==> flow/design.v <==
module rf_n #(
    parameter NREGS = 16,
    parameter DATA_WIDTH = 4,
    parameter ABITS = $clog2(NREGS)
) (
    input wire clk,
    input wire clr,
    input wire valid,
    input wire wr,
    input wire [ABITS-1:0] wr_idx,
    input wire [DATA_WIDTH-1:0] write_data,
    input wire [ABITS-1:0] rsel1,
    input wire [ABITS-1:0] rsel2,
    output wire [DATA_WIDTH-1:0] read_data1,
    output wire [DATA_WIDTH-1:0] read_data2
);
    reg wr_d1;
    always @(posedge clk) begin
        if (clr) begin
            wr_d1 <= 1'b0;
        end else if (valid) begin
            wr_d1 <= wr;
        end
    end
    reg [ABITS-1:0] wr_idx_d1;
    always @(posedge clk) begin
        if (clr) begin
            wr_idx_d1 <= 0;
        end else if (valid) begin
            wr_idx_d1 <= wr_idx;
        end
    end
    reg [DATA_WIDTH-1:0] write_data_d1;
    always @(posedge clk) begin
        if (clr) begin
            write_data_d1 <= 0;
        end else if (valid) begin
            write_data_d1 <= write_data;
        end
    end
    reg [DATA_WIDTH-1:0] regs [NREGS-1:0];
    always @(posedge clk) begin
        if (valid && wr_d1 && wr_idx_d1 != 0)
            regs[wr_idx_d1] <= write_data_d1;
    end
    reg [ABITS-1:0] rsel1_d1;
    always @(posedge clk) begin
        if (clr) begin
            rsel1_d1 <= 0;
        end else if (valid) begin
            rsel1_d1 <= rsel1;
        end
    end
    reg [ABITS-1:0] rsel2_d1;
    always @(posedge clk) begin
        if (clr) begin
            rsel2_d1 <= 0;
        end else if (valid) begin
            rsel2_d1 <= rsel2;
        end
    end
    assign read_data1 = (rsel1_d1 == 0) ? {DATA_WIDTH{1'b0}} : regs[rsel1_d1];
    assign read_data2 = (rsel2_d1 == 0) ? {DATA_WIDTH{1'b0}} : regs[rsel2_d1];
endmodule
Memo
Re: synthesis data of rf_n

Step by step through the tools: rf_n
Module rf_n in several versions that differ in "NREGS"; each step lists the members.
The file above is the member NREGS=16. Line numbers count from 1 in each member's own file.
The mark n/a stands for no value.

set-up
  top module = rf_n
  clock port = clk
  library = sky130hd
  corner = tt_025C_1v80

Members of the sweep
Lines of each other member's file that are new or changed against the file above; lines that a member lacks are not shown.

lines new or changed
  NREGS  line  text
  24     2     parameter NREGS = 24,
  48     2     parameter NREGS = 48,
  64     2     parameter NREGS = 64,

Word level
Yosys after proc, flatten, opt, wreduce and memory -nomap, before mapping. Print and check cells are not counted. Equal cells are merged and count once.
Memory sizes are those after Yosys's memory passes, which may raise the word count (mostly to a power of two), join words into wider ones and drop unused or constant bits.

storage and ports
  NREGS  register bits after elaboration  clocked read ports x word width  memory bits (writable)  cells after elaboration  memories kept  output and inout bits
  16     17                               8                                64                      20                       1              8
  24     20                               8                                96                      20                       1              8
  48     23                               8                                192                     20                       1              8
  64     23                               8                                256                     20                       1              8

memories
  NREGS  shape (words x width / read and write ports)
  16     regs 16 x 4 bit 2R1W
  24     regs 24 x 4 bit 2R1W
  48     regs 48 x 4 bit 2R1W
  64     regs 64 x 4 bit 2R1W

cells by class
  NREGS  multiplexer cells  reductions and logical operators
  16     9                  5
  24     9                  5
  48     9                  5
  64     9                  5

operators with widths
  NREGS  kinds with counts
  16     8 x 4-bit two-way mux; 2 x 4-bit zero test; 1 x 4-bit nonzero test; 2 x 1-bit logical AND; 1 x 1-bit two-way mux
  24     5 x 5-bit two-way mux; 3 x 4-bit two-way mux; 2 x 5-bit zero test; 1 x 5-bit nonzero test; 2 x 1-bit logical AND; 1 x 1-bit two-way mux
  48     5 x 6-bit two-way mux; 2 x 6-bit zero test; 3 x 4-bit two-way mux; 1 x 6-bit nonzero test; 2 x 1-bit logical AND; 1 x 1-bit two-way mux
  64     5 x 6-bit two-way mux; 2 x 6-bit zero test; 3 x 4-bit two-way mux; 1 x 6-bit nonzero test; 2 x 1-bit logical AND; 1 x 1-bit two-way mux

Logic depth
Yosys ltp: most cells in a row. Word level: on the elaborated netlist, between registers, memories and ports. Mapped: between sequential cells and ports; inverters and the memories' decode and read muxes count.

depth
  NREGS  depth after elaboration  ABC_AREA  gate-level depth with buffers
  16     3                        0         6
  24     3                        0         6
  48     3                        0         8
  64     3                        0         9

Mapped cells and area
The flow's flattened synthesis, as Yosys stat reports it; memories are mapped. The netlist is that of the ABC_AREA named above (0 if unset); the other value can give another one.
Totals and module areas in this step are rounded.

synthesis totals
  NREGS  sequential part of the area (um^2)  flip-flop cells  cell count  chip area (Yosys) (um^2)
  16     2420                                89               249         3900
  24     3480                                126              324         5610
  48     6470                                227              672         10500
  64     8390                                291              757         13400

cells by type
  NREGS  type and count
  16     64 x sky130_fd_sc_hd__edfxtp_1; 27 x sky130_fd_sc_hd__mux4_2; 25 x sky130_fd_sc_hd__dfxtp_1; 31 x sky130_fd_sc_hd__mux2i_1; 32 x sky130_fd_sc_hd__nor2_1; 13 x sky130_fd_sc_hd__nand2_1; 3 x sky130_fd_sc_hd__buf_6; 3 x sky130_fd_sc_hd__a22o_1; 3 x sky130_fd_sc_hd__a32oi_1; 4 x sky130_fd_sc_hd__nand4_1; 2 x sky130_fd_sc_hd__mux2_2; 3 x sky130_fd_sc_hd__o211ai_1; 2 x sky130_fd_sc_hd__a221o_1; 4 x sky130_fd_sc_hd__buf_2; 4 x sky130_fd_sc_hd__nor3_1; 3 x sky130_fd_sc_hd__and3_1; 3 x sky130_fd_sc_hd__nand2b_1; 3 x sky130_fd_sc_hd__nor2b_1; (+20)
  24     96 x sky130_fd_sc_hd__edfxtp_1; 30 x sky130_fd_sc_hd__mux4_2; 30 x sky130_fd_sc_hd__dfxtp_1; 18 x sky130_fd_sc_hd__mux4_1; 24 x sky130_fd_sc_hd__mux2i_1; 51 x sky130_fd_sc_hd__nor2_1; 16 x sky130_fd_sc_hd__o22ai_1; 6 x sky130_fd_sc_hd__buf_6; 4 x sky130_fd_sc_hd__mux2_2; 5 x sky130_fd_sc_hd__nand3b_1; 4 x sky130_fd_sc_hd__o22a_1; 2 x sky130_fd_sc_hd__buf_8; 5 x sky130_fd_sc_hd__nor3_1; 4 x sky130_fd_sc_hd__nor4_1; 1 x sky130_fd_sc_hd__buf_12; 5 x sky130_fd_sc_hd__nand2_1; 2 x sky130_fd_sc_hd__or2b_2; 2 x sky130_fd_sc_hd__or3b_2; (+19)
  48     192 x sky130_fd_sc_hd__edfxtp_1; 53 x sky130_fd_sc_hd__mux4_2; 96 x sky130_fd_sc_hd__mux2i_1; 35 x sky130_fd_sc_hd__dfxtp_1; 80 x sky130_fd_sc_hd__nor2_1; 9 x sky130_fd_sc_hd__mux4_1; 25 x sky130_fd_sc_hd__a22oi_1; 12 x sky130_fd_sc_hd__a211oi_1; 19 x sky130_fd_sc_hd__nand2_1; 9 x sky130_fd_sc_hd__buf_4; 13 x sky130_fd_sc_hd__buf_2; 10 x sky130_fd_sc_hd__nor2b_1; 12 x sky130_fd_sc_hd__a21oi_1; 5 x sky130_fd_sc_hd__buf_6; 9 x sky130_fd_sc_hd__nand2b_1; 5 x sky130_fd_sc_hd__a311o_1; 12 x sky130_fd_sc_hd__clkbuf_1; 9 x sky130_fd_sc_hd__nand3_1; (+67)
  64     256 x sky130_fd_sc_hd__edfxtp_1; 124 x sky130_fd_sc_hd__mux4_2; 35 x sky130_fd_sc_hd__dfxtp_1; 47 x sky130_fd_sc_hd__mux2i_1; 101 x sky130_fd_sc_hd__nor2_1; 14 x sky130_fd_sc_hd__mux4_1; 35 x sky130_fd_sc_hd__nand2_1; 21 x sky130_fd_sc_hd__buf_2; 21 x sky130_fd_sc_hd__nand3_1; 19 x sky130_fd_sc_hd__clkbuf_1; 6 x sky130_fd_sc_hd__mux2_2; 9 x sky130_fd_sc_hd__nor2b_1; 4 x sky130_fd_sc_hd__buf_6; 5 x sky130_fd_sc_hd__o2111ai_1; 5 x sky130_fd_sc_hd__a22oi_1; 5 x sky130_fd_sc_hd__a31oi_1; 4 x sky130_fd_sc_hd__buf_4; 5 x sky130_fd_sc_hd__a21oi_1; (+41)

A list marked (+n) leaves out that many cells.

Path before layout
Path of least setup slack by OpenSTA after synthesis, without wires, with an ideal clock, recovery checks aside; 20% of the period is set as input and as output delay. Where synthesis merged equal registers, the netlist keeps one of their names.

timing post-synthesis
  NREGS  path type           from                      to                    stages  path delay (ns)  period (ns)  path slack (ns)  period reached after synthesis (ns)
  16     register to output  register (no name shown)  output read_data2[1]  5       1.484            2.32         0.372            1.948
  24     register to output  register (no name shown)  output read_data2[2]  7       1.426            2.23         0.358            1.872
  48     register to output  register (no name shown)  output read_data1[3]  9       1.758            2.75         0.442            2.308
  64     register to output  register (no name shown)  output read_data2[1]  8       1.926            3.01         0.482            2.528

"path delay" = arrival - input delay + setup time.
A path that ends at an output port has no setup time.
"stages": output pins that drive a net of the path, with the launching flip-flop's if there is one; two outputs of one cell count as two.
"period reached after synthesis" = period - worst setup slack (recovery checks aside). The figure is calculated, with input and output delays left at 20% of the set period.

ends and longest elaborated chain, post-synthesis, NREGS=16
  item       line  text
  to (decl)  15    output wire [DATA_WIDTH-1:0] read_data2

NREGS=16: Chain of elaborated cells between the ends: none given.

ends and longest elaborated chain, post-synthesis, NREGS=64
  item       line  text
  to (decl)  15    output wire [DATA_WIDTH-1:0] read_data2

NREGS=64: Chain of elaborated cells between the ends: none given.

Worst path after layout
From the final timing report of the run of each member: the path of least setup slack in the routed layout; clock arrival at registers is part of the times.

timing post-layout
  NREGS  path type           from                      to                    period (ns)  stages  path slack (ns)  data arrival time (ns)
  16     register to output  register (no name shown)  output read_data2[0]  2.32         6       -0.18            2.03
  24     register to output  memory regs[18][2]        output read_data2[2]  2.23         7       -0.27            2.06
  48     register to output  register (no name shown)  output read_data2[2]  2.75         8       -0.29            2.49
  64     register to output  register (no name shown)  output read_data2[3]  3.01         9       -0.31            2.72

Measured runs
One run of the flow (Yosys, OpenROAD) for each member, with settings and measured results. Input and output delays are each 20% of the period that was set; the output load is 0.01 pF.

flow settings
  CAP_MARGIN = 20
  CORE_MARGIN = 2
  CORE_UTILIZATION = 40
  SLEW_MARGIN = 20

settings that differ
  NREGS  period_ns
  16     2.32
  24     2.23
  48     2.75
  64     3.01

final reports
  NREGS  utilization of the finished layout (%)  Yosys chip area after synthesis (um^2)  area of the die (um^2)  smallest setup slack (ns)  standard-cell area after layout (um^2)  power consumption (mW)  total negative setup slack (ns)
  16     49.7                                    3900                                    10600                   -0.179                     4790                                    3.26                    -0.804
  24     53.4                                    5610                                    15000                   -0.274                     7360                                    5.97                    -1.82
  48     51.6                                    10500                                   27600                   -0.292                     13400                                   8.05                    -2.03
  64     49.7                                    13400                                   35000                   -0.308                     16500                                   9.35                    -2.12

By "power consumption" is meant OpenSTA's value without simulated activity: inputs other than the clock are taken to toggle once in ten clock periods, and the tool carries that through the logic.
Measured values are rounded.
